==> flow/design.v <==
module summer #(
  parameter int XLEN = 24,
  parameter int BS = 12
) (
  input  logic CLK,
  input  logic [XLEN-1:0] i_first,
  input  logic [XLEN-1:0] i_second,
  input  logic i_cy_in,
  output logic [XLEN-1:0] o_res,
  output logic o_cy
);
  logic [XLEN-1:0] first_ff;
  logic [XLEN-1:0] second_ff;
  logic cy_in_ff;
  always_ff @(posedge CLK) begin
    first_ff <= i_first;
    second_ff <= i_second;
    cy_in_ff <= i_cy_in;
  end
  localparam int NG = XLEN / BS;
  logic [XLEN-1:0] val;
  logic [NG:0] chain;
  assign chain[0] = cy_in_ff;
  for (genvar ii = 0; ii < NG; ii++) begin : g_bit
    wire [BS:0] s0 = first_ff[ii*BS +: BS] + second_ff[ii*BS +: BS];
    wire [BS:0] s1 = first_ff[ii*BS +: BS] + second_ff[ii*BS +: BS] + 1'b1;
    assign {chain[ii+1], val[ii*BS +: BS]} = chain[ii] ? s1 : s0;
  end
  assign o_res = val;
  assign o_cy = chain[NG];
endmodule
=== Reports on summer ===
The steps from the RTL of summer to its reports follow in flow order.
Line numbers count from 1 in the design file above.
Library cell names are shortened.
Not given: --

* Top module: summer
* Clock input: CLK
* Library: sky130hd
* Corner: tt_025C_1v80

=== After elaboration ===
Yosys after proc, flatten, opt, wreduce and memory -nomap, before mapping. Enables and synchronous resets that opt folds into registers are not counted as muxes. Memory bits, and registers merged into a memory's read port (data or address), are not among the register bits. Print and check cells are not counted. Equal cells are merged and count once.

* Bits in read-only memories: 0
* Memories kept: 0
* Bits in writable memories: 0
* Bits in latches: 0
* Bits of input ports: 50
* Clocked read ports x word width: 0
* Elaborated cells: 9
* Bits in registers: 49
* Output and inout port bits: 25

* Reductions and logical operators: 0
* Divide/modulo/power cells: 0
* $add $sub $neg: 4
* Equal/unequal tests: 0
* Mux-type cells: 2
* Bitwise operators: 0
* $mul: 0
* Shifts and indexed selects: 0
* Order comparisons: 0

{| class="wikitable"
|+ Operator list
! operator !! count
|-
| adder 12 x 12 -> 13 bit || 2
|-
| adder 13 x 1 -> 13 bit (second input constant) || 2
|-
| 2-to-1 mux 13 bit || 2
|}

=== Longest topological paths ===
Longest topological path by Yosys (ltp), each cell counted once; first at word level (registers and memories cut), then after technology mapping (sequential cells cut; the memories' decode and read muxes count).

* Depth in word-level cells: 4
* ABC_AREA: 0
* Gate-level depth with buffers: 13
* Mapped depth without buffers: 12

=== Netlist ===
The flow's flattened synthesis, as Yosys stat reports it; memories are mapped. The netlist is that of the ABC_AREA named above (0 if unset); the other value can give another one.
Totals and module areas in this step are rounded.

* Sequential part of the area: 981 um^2
* Synthesis area: 2,590 um^2
* Buffer cells: 3
* Cell count: 275
* Flip-flops: 49

{| class="wikitable"
|+ Cell types
! type !! count
|-
| dfxtp_1 || 49
|-
| ha_1 || 26
|-
| xnor2_1 || 25
|-
| xor2_1 || 17
|-
| nor2_1 || 28
|-
| a21oi_1 || 20
|-
| nand2_1 || 16
|-
| inv_1 || 13
|-
| nor2b_1 || 7
|-
| fa_1 || 2
|-
| nor3_1 || 8
|-
| a21o_1 || 5
|-
| nand2b_1 || 6
|-
| o21ai_0 || 7
|-
| nand4_1 || 5
|-
| o211ai_1 || 4
|-
| o21a_1 || 4
|-
| nand3_1 || 5
|}

Other cell types: 22; their cells: 28.

=== Timing after synthesis ===
Source: OpenSTA report_checks on the synthesized netlist (no wires, ideal clock, input and output delay 20% of the period each), path of least setup slack; recovery checks are left aside. Register names are those of the netlist, which keeps one name where synthesis merged equal registers.

* Kind: reg2out
* Start point: reg first_ff[0]
* End point: out o_res[22]
* Path buffers: 1
* Clock period: 4.35 ns
* Path slack: 0.696 ns
* Arrival time: 2.784 ns
* Stages: 14
* Path delay: 2.784 ns
* Synthesis period reached: 3.654 ns

"path delay" = arrival - input delay + setup time.
At an output port there is no setup time.
"stages": output pins that drive a net of the path, with the launching flip-flop's if there is one; two outputs of one cell count as two.
"synthesis period reached" = period - worst setup slack (recovery checks aside). The figure is calculated, with input and output delays left at 20% of the set period.
The rows between start and end are the longest chain of elaborated cells between them; the timing report does not say that the signal goes this way. Where chains are equally long, one stands for them.
A line is the first line of the expression or statement that the cell stems from. Yosys adds cells for indexed reads and writes and turns some case tables into memories.

* Path through: dfxtp_1 ha_1 inv_1 fa_1 nand2b_1 a21oi_1 nor3_1 a2111oi_2 nand4_1 nor4_2 xor2_1 buf_6 nand3b_2 xnor2_1
* Cells in the longest elaborated chain: 4

{| class="wikitable"
|+ Ends and longest elaborated chain, post-synthesis
! item !! line !! source
|-
| start: declaration || 12 || <nowiki>logic [XLEN-1:0] first_ff;</nowiki>
|-
| start: assignment || 16 || <nowiki>first_ff <= i_first;</nowiki>
|-
| adder 12 x 12 -> 13 bit || 26 || <nowiki>wire [BS:0] s1 = first_ff[ii*BS +: BS] + second_ff[ii*BS +: BS] + 1'b1;</nowiki>
|-
| adder 13 x 1 -> 13 bit || 26 ||
|-
| 2-to-1 mux 13 bit x2 || 27 || <nowiki>assign {chain[ii+1], val[ii*BS +: BS]} = chain[ii] ? s1 : s0;</nowiki>
|-
| end: declaration || 9 || <nowiki>output logic [XLEN-1:0] o_res,</nowiki>
|}

=== Worst path after layout ===
From the final timing report of run 1: the path of least setup slack in the routed layout; clock arrival at registers is part of the times.

* Kind: reg2out
* Start point: reg first_ff[0]
* End point: out o_res[21]
* Clock period: 4.35 ns
* Arrival time: 3.25 ns
* Path slack: 0.23 ns
* Stages: 15
* Path buffers: 2

The rows between start and end are the longest chain of elaborated cells between them; the timing report does not say that the signal goes this way. Where chains are equally long, one stands for them.

* Path through: dfxtp_2 ha_4 inv_2 fa_2 nand2b_4 a21oi_4 nor3_2 a2111oi_4 nand4_1 nor4_2 xor2_1 buf_4 and4bb_1 xnor2_1 buf_2
* Cells in the longest elaborated chain: 4

{| class="wikitable"
|+ Ends and longest elaborated chain, post-layout
! item !! line !! source
|-
| start: declaration || 12 || <nowiki>logic [XLEN-1:0] first_ff;</nowiki>
|-
| start: assignment || 16 || <nowiki>first_ff <= i_first;</nowiki>
|-
| adder 12 x 12 -> 13 bit || 26 || <nowiki>wire [BS:0] s1 = first_ff[ii*BS +: BS] + second_ff[ii*BS +: BS] + 1'b1;</nowiki>
|-
| adder 13 x 1 -> 13 bit || 26 ||
|-
| 2-to-1 mux 13 bit x2 || 27 || <nowiki>assign {chain[ii+1], val[ii*BS +: BS]} = chain[ii] ? s1 : s0;</nowiki>
|-
| end: declaration || 9 || <nowiki>output logic [XLEN-1:0] o_res,</nowiki>
|}

Ticket comment

Record of 3 stored runs of the RTL-to-layout flow on summer, platform sky130hd. The runs are unordered. Constraints: input delay and output delay 20% of the set period each, output load 0.01 pF.
"reached clock period" = clock period - worst setup slack. The figure is calculated, with input and output delays left at 20% of the set period.
"time of the worst setup path" = time allowed to the worst setup path (clock period - input delay - output delay, where it has them) - its slack; a late launch clock adds to it, a late capture clock takes from it.
"power" rests on the timing tool's default activity at the inputs, not on a simulated workload.
The results are shown rounded.

=== Run 1 ===
{| class="wikitable"
! Setting !! Value
|-
| period_ns || 4.35
|-
| CAP_MARGIN || 20
|-
| CORE_MARGIN || 2
|-
| CORE_UTILIZATION || 40
|-
| SLEW_MARGIN || 20
|-
! Result !! Value
|-
| Chip area in the Yosys report || 2,590 um^2
|-
| Die size || 7,130 um^2
|-
| Std-cell area (final layout) || 3,580 um^2
|-
| Final design utilization || 56.7%
|-
| Smallest setup slack || 0.225 ns
|-
| Total negative slack on setup checks || 0.000 ns
|-
| Worst hold slack after layout || 1.01 ns
|-
| Power || 1,180 µW
|-
| Reached clock period || 4.125 ns
|-
| Time of the worst setup path || 3.25 ns
|-
| Critical path type || reg2out
|}

=== Run 2 ===
{| class="wikitable"
! Setting !! Value
|-
| period_ns || 2.31
|-
| CORE_UTILIZATION || 57
|-
| PLACE_DENSITY_LB_ADDON || 0.01
|-
| GPL_TIMING_DRIVEN || 0
|-
| GPL_ROUTABILITY_DRIVEN || 1
|-
| CTS_CLUSTER_DIAMETER || 181
|-
| CAP_MARGIN || 30
|-
| SLEW_MARGIN || 25
|-
| MIN_ROUTING_LAYER || met1
|-
| CORE_MARGIN || 2
|-
! Result !! Value
|-
| Chip area in the Yosys report || 2,590 um^2
|-
| Die size || 5,090 um^2
|-
| Std-cell area (final layout) || 4,000 um^2
|-
| Final design utilization || 91.8%
|-
| Smallest setup slack || -1.65 ns
|-
| Total negative slack on setup checks || -27.9 ns
|-
| Worst hold slack after layout || 0.600 ns
|-
| Power || 2,570 µW
|-
| Reached clock period || 3.964 ns
|-
| Time of the worst setup path || 3.50 ns
|-
| Critical path type || reg2out
|}

=== Run 3 ===
{| class="wikitable"
! Setting !! Value
|-
| period_ns || 4.16
|-
| CORE_UTILIZATION || 62
|-
| SETUP_SLACK_MARGIN || 0.62
|-
| PLACE_DENSITY_LB_ADDON || 0.3
|-
| HOLD_SLACK_MARGIN || 0.16
|-
| CORE_MARGIN || 3
|-
| CELL_PAD_IN_SITES_GLOBAL_PLACEMENT || 2
|-
| CELL_PAD_IN_SITES_DETAIL_PLACEMENT || 2
|-
| GPL_TIMING_DRIVEN || 1
|-
| GPL_ROUTABILITY_DRIVEN || 1
|-
| CTS_CLUSTER_SIZE || 24
|-
| CAP_MARGIN || 35
|-
| SLEW_MARGIN || 15
|}
Did not finish, placement stopped with FLW-0024.
